==> flow/design.v <==
module u_registers_top #(
    parameter DEPTH = 40,
    parameter DW = 40,
    parameter AW = $clog2(DEPTH),
    parameter SLICES = DW / 8
) (
    input wire clk,
    input wire clk_en,
    input wire [SLICES-1:0] in_mask,
    input wire [AW-1:0] in_wr_addr,
    input wire [DW-1:0] in_d,
    input wire [AW-1:0] in_raddr,
    output reg [DW-1:0] out_rdata
);
    reg [SLICES-1:0] mask_s;
    reg [AW-1:0] wr_addr_s;
    reg [DW-1:0] d_s;
    reg [DW-1:0] gpr [0:DEPTH-1];
    integer n;
    always @(posedge clk) begin
        for (n = 0; n < SLICES; n = n + 1)
            if (clk_en && mask_s[n]) gpr[wr_addr_s][8*n +: 8] <= d_s[8*n +: 8];
    end
    reg [AW-1:0] raddr_s;
    always @(posedge clk) begin
        if (clk_en) begin
            mask_s <= in_mask;
            wr_addr_s <= in_wr_addr;
            d_s <= in_d;
            raddr_s <= in_raddr;
            out_rdata <= gpr[raddr_s];
        end
    end
endmodule
# Tool chain data of u_registers_top
# The steps from the RTL of u_registers_top to its reports follow in flow order.
# Lines are those of the file above, counted from 1.
# Operators carry their Yosys type and port widths (W data, S select, Z words).
# Cell names lack the library's common part.
# A cell with -- has no value.
# setup
top	u_registers_top
clk_port	clk
lib	sky130hd
corner	tt_025C_1v80

# Word level
# Yosys after proc, flatten, opt, wreduce and memory -nomap, before mapping. Memory bits, and registers merged into a memory's read port (data or address), are not among the register bits. Print and check cells are not counted. Equal cells are merged and count once.
# Memory sizes are those after Yosys's memory passes, which may raise the word count (mostly to a power of two), join words into wider ones and drop unused or constant bits.
# word_totals
n_memories	1
clocked_rd_ports_x_width	40
mem_bits_ro	0
input_bits	59
latchBits	0
mem_bits_rw	1600
ff_bits	57
# memory_table
name	size	word_bits	read_ports	wr	line	source
gpr	40	40	1	1	18	reg [DW-1:0] gpr [0:DEPTH-1];
# classes
logic	0
eq_ne	0
n_div	0
n_cmp	0
add_sub_neg	0
multipliers	0
n_reduce_logical	5
shifts	0
muxes	10
# ops
op	count
$mux W40	5
$logic_and A1 B1 Y1	5
$mux W1	5

# Logic depth
# Depth = most cells in a row (Yosys ltp): at word level without a register or memory, in the mapped netlist without a sequential cell, where the memories' decode and read muxes count.
# logic_depth
depth_word	2
abc_area	0
ltp_mapped	8

# Mapped cells and area
# Yosys stat after the flow's synthesis: flattened, memories mapped to cells. It holds for the ABC_AREA given above (unset counts as 0); a run with the other value may have another netlist.
# Totals and module areas in this step are rounded.
# mapped
sequential_area_um2	51000
area_um2	66100
mapped_cells	3456
flip_flops	1697
buffers	212
# by_type
cell_type	count	type_area_um2
edfxtp_1	1697	5.1E+04
mux2i_1	640	6.41E+03
mux4_2	80	1.8E+03
a22oi_1	160	1.2E+03
nor2_1	201	754.474
a22o_1	80	700.672
o41ai_2	40	650.624
a221oi_2	33	495.475
mux2_2	40	450.432
a221oi_1	47	411.645
a21oi_1	80	400.384
clkbuf_1	103	386.621
nand2_1	87	326.563
o22ai_1	40	250.24
buf_6	22	247.738
buf_2	36	180.173
buf_4	24	180.173
clkbuf_4	9	67.565
# Other cell types: 11; their cells: 37.

# Timing after synthesis
# OpenSTA on the mapped netlist: ideal clock, no wires. The path of least setup slack (recovery checks aside). Input and output delay are each 20% of the period. Register names are those of the netlist, which keeps one name where synthesis merged equal registers.
# synth_timing
path_type	flip-flop to flip-flop
start	reg raddr_s[0]
end	reg out_rdata[19]
required_time_ns	2.270
period_ns	2.55
driving_pins	8
path_slack_ns	0.511
delay_ns	2.040
t_arrival_ns	1.760
period_less_setup_slack_ns	2.039
# "delay_ns" is the arrival time less input delay plus setup time.
# "driving_pins": output pins that drive a net of the path, with the launching flip-flop's if there is one; two outputs of one cell count as two.
# "period_less_setup_slack_ns" is the clock period less the worst setup slack; recovery checks do not enter. This is arithmetic on one report: input and output delays are still those of the set period (20% each).
# synth_between
cell_sequence	edfxtp_1 buf_6 buf_6 buf_2 mux4_2 mux2_2 nand2_1 o41ai_2
# synth_rtl
item	line	source
start, declared	24	reg [AW-1:0] raddr_s;
start, assigned	30	raddr_s <= in_raddr;
end, declared	13	output reg [DW-1:0] out_rdata
# Chain of elaborated cells between the ends: none given.

# Worst path after layout
# From the final timing report of run 1: the path of least setup slack in the routed layout; clock arrival at registers is part of the times.
# layout_timing
path_type	flip-flop to flip-flop
start	reg raddr_s[0]
end	reg out_rdata[22]
required_time_ns	3.15
driving_pins	10
path_slack_ns	-0.02
t_arrival_ns	3.17
period_ns	2.55
# layout_between
cell_sequence	edfxtp_1 buf_6 clkbuf_16 buf_4 mux2i_1 a22o_1 a221oi_1 o22ai_2 buf_4 o41ai_2
# layout_rtl
item	line	source
start, declared	24	reg [AW-1:0] raddr_s;
start, assigned	30	raddr_s <= in_raddr;
end, declared	13	output reg [DW-1:0] out_rdata
# Chain of elaborated cells between the ends: none given.

# Record of 2 stored runs of the RTL-to-layout flow on u_registers_top, platform sky130hd. The runs are unordered. Constraints: input delay and output delay 20% of the set period each, output load 0.01 pF.
# "worst_path_ns" means the part of the period allowed to the worst setup path (the constraints hold back 20% at inputs and 20% at outputs) less its slack; where the path has registers, the arrival times of their clocks count too.
# The measured numbers are rounded.
# Among the settings, - means not set for that run.
stored run	period_ns	CAP_MARGIN	CORE_MARGIN	CORE_UTILIZATION	SLEW_MARGIN	PLACE_DENSITY_LB_ADDON	CELL_PAD_IN_SITES_DETAIL_PLACEMENT	ABC_AREA	GPL_ROUTABILITY_DRIVEN	util_pct	tns_ns	setup_ws_ns	worst_path_ns	worst_setup_path_type	synth_chip_area_um2	dieArea_um2
run 1	2.55	20	2	40	20	-	-	-	-	47.7	-0.255	-0.022	2.57	flip-flop to flip-flop	66100	169000
run 2	3.07	25	7	46	20	0.0	1	0	0	54.2	0.000	0.132	2.94	flip-flop to flip-flop	66100	155000
